==> flow/design.v <==
module mul_core_n #(
    parameter NBITS = 12
) (
    input  wire clk_i,
    input  wire resetn,
    input  wire [NBITS-1:0] x,
    input  wire [NBITS-1:0] y,
    output wire [2*NBITS-1:0] m
);
    reg [NBITS-1:0] x_r;
    always @(posedge clk_i or negedge resetn) begin
        if (~resetn) begin
            x_r <= 0;
        end else begin
            x_r <= x;
        end
    end
    reg [NBITS-1:0] y_r;
    always @(posedge clk_i or negedge resetn) begin
        if (~resetn) begin
            y_r <= 0;
        end else begin
            y_r <= y;
        end
    end
    reg [2*NBITS-1:0] val;
    integer n;
    always @* begin
        val = 0;
        for (n = 0; n < NBITS; n = n + 1)
            if (y_r[n]) val = val + (x_r << n);
    end
    assign m = val;
endmodule
# Reports on mul_core_n
# Tool output for the members of one design family, told apart by "NBITS", in the order of the flow.
# The RTL above is that of NBITS=12; lines are counted from 1 in the file of the member named.
# Cell names lack the library's common part.
# The mark n/a stands for no value.
# design
top,mul_core_n
clk_port,clk_i
cell_library,sky130hd
pvt_corner,tt_025C_1v80

# Members of the sweep
# New or changed lines of each further member against the RTL above, in its own file; lines it lacks are not shown.
# src_changes
NBITS,line_no,text
18,2,parameter NBITS = 18
22,2,parameter NBITS = 22

# After elaboration
# Yosys after proc, flatten, opt, wreduce and memory -nomap, before mapping. Enables and synchronous resets that opt folds into registers are not counted as muxes. Memory bits, and registers merged into a memory's read port (data or address), are not among the register bits. Print and check cells are not counted. Equal cells are merged and count once.
# op_classes
NBITS,addsub,multipliers,n_div,compare,equal,shifts,n_mux,bitwise,n_reduce_logical
12,11,0,0,0,0,0,12,0,0
18,17,0,0,0,0,0,18,0,0
22,21,0,0,0,0,0,22,0,0
# ops
NBITS,operators
12,24-bit two-way mux (11); 24-bit by 13-bit adder with 24-bit output (1); 24-bit by 14-bit adder with 24-bit output (1); 24-bit by 15-bit adder with 24-bit output (1); 24-bit by 16-bit adder with 24-bit output (1); 24-bit by 17-bit adder with 24-bit output (1); 24-bit by 18-bit adder with 24-bit output (1); 24-bit by 19-bit adder with 24-bit output (1); 24-bit by 20-bit adder with 24-bit output (1); 24-bit by 21-bit adder with 24-bit output (1); 24-bit by 22-bit adder with 24-bit output (1); 24-bit by 23-bit adder with 24-bit output (1); 12-bit two-way mux (1)
18,36-bit two-way mux (17); 36-bit by 19-bit adder with 36-bit output (1); 36-bit by 20-bit adder with 36-bit output (1); 36-bit by 21-bit adder with 36-bit output (1); 36-bit by 22-bit adder with 36-bit output (1); 36-bit by 23-bit adder with 36-bit output (1); 36-bit by 24-bit adder with 36-bit output (1); 36-bit by 25-bit adder with 36-bit output (1); 36-bit by 26-bit adder with 36-bit output (1); 36-bit by 27-bit adder with 36-bit output (1); 36-bit by 28-bit adder with 36-bit output (1); 36-bit by 29-bit adder with 36-bit output (1); 36-bit by 30-bit adder with 36-bit output (1); 36-bit by 31-bit adder with 36-bit output (1); 36-bit by 32-bit adder with 36-bit output (1); 36-bit by 33-bit adder with 36-bit output (1); 36-bit by 34-bit adder with 36-bit output (1); 36-bit by 35-bit adder with 36-bit output (1); 18-bit two-way mux (1)
22,44-bit two-way mux (21); 44-bit by 23-bit adder with 44-bit output (1); 44-bit by 24-bit adder with 44-bit output (1); 44-bit by 25-bit adder with 44-bit output (1); 44-bit by 26-bit adder with 44-bit output (1); 44-bit by 27-bit adder with 44-bit output (1); 44-bit by 28-bit adder with 44-bit output (1); 44-bit by 29-bit adder with 44-bit output (1); 44-bit by 30-bit adder with 44-bit output (1); 44-bit by 31-bit adder with 44-bit output (1); 44-bit by 32-bit adder with 44-bit output (1); 44-bit by 33-bit adder with 44-bit output (1); 44-bit by 34-bit adder with 44-bit output (1); 44-bit by 35-bit adder with 44-bit output (1); 44-bit by 36-bit adder with 44-bit output (1); 44-bit by 37-bit adder with 44-bit output (1); 44-bit by 38-bit adder with 44-bit output (1); 44-bit by 39-bit adder with 44-bit output (1); 44-bit by 40-bit adder with 44-bit output (1); 44-bit by 41-bit adder with 44-bit output (1); 44-bit by 42-bit adder with 44-bit output (1); 44-bit by 43-bit adder with 44-bit output (1); 22-bit two-way mux (1)
# bits
NBITS,regBits,latch_bits,ram_bits,romBits,clocked_rd_ports_x_width,mem_count,inputBits,elab_cells
12,24,0,0,0,0,0,26,25
18,36,0,0,0,0,0,38,37
22,44,0,0,0,0,0,46,45

# Longest topological paths
# Depth = most cells in a row (Yosys ltp): at word level without a register or memory, in the mapped netlist without a sequential cell, where the memories' decode and read muxes count.
# depth
NBITS,depth_word,ABC_AREA,ltp_mapped,depth_no_buf
12,23,0,77,76
18,35,0,133,131
22,43,0,171,167

# After synthesis
# Yosys stat after the flow's synthesis: flattened, memories mapped to cells. It holds for the ABC_AREA given above (unset counts as 0); a run with the other value may have another netlist.
# Totals and module areas in this step are rounded.
# mapped
NBITS,cell_count,mapped_area_um2,flip_flops,n_buf
12,1163,8592,24,34
18,2748,19320,36,86
22,4529,31260,44,139
# by_type
NBITS,cell_types
12,ha_1 (137); dfrtp_1 (24); a21oi_1 (91); nand2_1 (114); o21ai_0 (82); xnor2_1 (41); mux2_2 (31); nor2_1 (88); xor2_1 (35); o21a_1 (39); a21o_1 (34); fa_1 (11); inv_1 (53); nor3_1 (33); mux2i_1 (16); nor2b_1 (25); a211oi_1 (18); nand2b_1 (20); [+271]
18,ha_1 (303); a21oi_1 (244); xnor2_1 (127); nand2_1 (292); nor2_1 (247); dfrtp_1 (36); o21ai_0 (166); mux2_2 (64); a21o_1 (90); xor2_1 (71); inv_1 (148); o21a_1 (73); nand3_1 (69); fa_1 (17); nand2b_1 (49); nor3_1 (61); a211oi_1 (40); clkbuf_1 (69); [+582]
22,ha_1 (472); a21oi_1 (394); nand2_1 (462); xnor2_1 (186); o21ai_0 (321); nor2_1 (411); a21o_1 (161); dfrtp_1 (44); xor2_1 (109); mux2_2 (78); o21a_1 (107); inv_1 (207); nand3_1 (134); nor3_1 (121); nand2b_1 (84); a211oi_1 (67); a31oi_1 (77); o31ai_1 (57); [+1037]
# A list marked [+n] leaves out that many cells.

# Timing after synthesis
# OpenSTA on the mapped netlist: ideal clock, no wires. The path of least setup slack (recovery checks aside). Input and output delay are each 20% of the period. Register names are those of the netlist, which keeps one name where synthesis merged equal registers.
# synth_timing
NBITS,path_type,startpoint,endpoint,clock_period_ns,setup_slack_ns,path_stages,delay_ns,period_less_setup_slack_ns
12,register to output,register x_r[1],output m[21],22.0,3.512,71,14.088,18.488
18,register to output,register y_r[0],output m[34],34.4,5.474,122,22.046,28.926
22,register to output,register y_r[0],output m[42],44.6,7.116,152,28.564,37.484
# "delay_ns" = arrival - input delay + setup time.
# At an output port there is no setup time.
# "path_stages": output pins that drive a net of the path, with the launching flip-flop's if there is one; two outputs of one cell count as two.
# "period_less_setup_slack_ns" = period - worst setup slack (recovery checks aside). The figure is calculated, with input and output delays left at 20% of the set period.
# The rows between start and end are the longest chain of elaborated cells between them; the timing report does not say that the signal goes this way. Where chains are equally long, one stands for them.
# A line is the first line of the expression or statement that the cell stems from. Yosys adds cells for indexed reads and writes and turns some case tables into memories.
# synth_via_NBITS_12
elab_chain_len,23
# synth_lines_NBITS_12
element,line_no,text
start: declaration,10,reg [NBITS-1:0] x_r;
start: assignment,13,x_r <= 0;
start: assignment,15,x_r <= x;
12-bit two-way mux,31,if (y_r[n]) val = val + (x_r << n);
24-bit by 13-bit adder with 24-bit output,31,
24-bit two-way mux,31,
24-bit by 14-bit adder with 24-bit output,31,
24-bit two-way mux,31,
24-bit by 15-bit adder with 24-bit output,31,
24-bit two-way mux,31,
[... 9 more ...],n/a,
24-bit two-way mux,31,
24-bit by 21-bit adder with 24-bit output,31,
24-bit two-way mux,31,
24-bit by 22-bit adder with 24-bit output,31,
24-bit two-way mux,31,
24-bit by 23-bit adder with 24-bit output,31,
24-bit two-way mux,31,
end: declaration,8,output wire [2*NBITS-1:0] m
# synth_via_NBITS_22
elab_chain_len,43
# synth_lines_NBITS_22
element,line_no,text
start: declaration,18,reg [NBITS-1:0] y_r;
start: assignment,21,y_r <= 0;
start: assignment,23,y_r <= y;
22-bit two-way mux,31,if (y_r[n]) val = val + (x_r << n);
44-bit by 23-bit adder with 44-bit output,31,
44-bit two-way mux,31,
44-bit by 24-bit adder with 44-bit output,31,
44-bit two-way mux,31,
44-bit by 25-bit adder with 44-bit output,31,
44-bit two-way mux,31,
[... 29 more ...],n/a,
44-bit two-way mux,31,
44-bit by 41-bit adder with 44-bit output,31,
44-bit two-way mux,31,
44-bit by 42-bit adder with 44-bit output,31,
44-bit two-way mux,31,
44-bit by 43-bit adder with 44-bit output,31,
44-bit two-way mux,31,
end: declaration,8,output wire [2*NBITS-1:0] m

# Worst path after layout
# Path of least setup slack in the final report of each member's run (OpenROAD, finished layout, wires in). Where an end is a register, its clock arrival counts in the times.
# layout_timing
NBITS,path_type,startpoint,endpoint,clock_period_ns,setup_slack_ns,path_stages,arrival_ns,n_path_buf
12,register to output,register x_r[1],output m[23],22.0,1.32,75,16.28,2
18,register to output,register x_r[5],output m[34],34.4,1.73,119,25.79,1
22,register to output,register y_r[0],output m[42],44.6,1.73,160,33.95,3

# Flow runs
# Settings and results of one run of the flow (Yosys, OpenROAD) for each member follow. The constraints put input and output delay at 20% of the set period each and load the outputs with 0.01 pF.
# settings
CAP_MARGIN,20
CORE_MARGIN,2
CORE_UTILIZATION,40
SLEW_MARGIN,20
# settings_diff
NBITS,period_ns
12,22.0
18,34.4
22,44.6
# measured
NBITS,synth_area_um2,die_um2,finish.stdcell_area_um2,fin_ws_ns,achievedPeriod_ns
12,8592,22670,9594,1.315,20.685
18,19320,50080,21070,1.725,32.675
22,31260,80410,33940,1.731,42.869
# "achievedPeriod_ns": clock period set for the run, less the worst setup slack. It is reckoned from that one timing run; input and output delays stay at 20% of the period that was set.
# Values from the reports are rounded here.
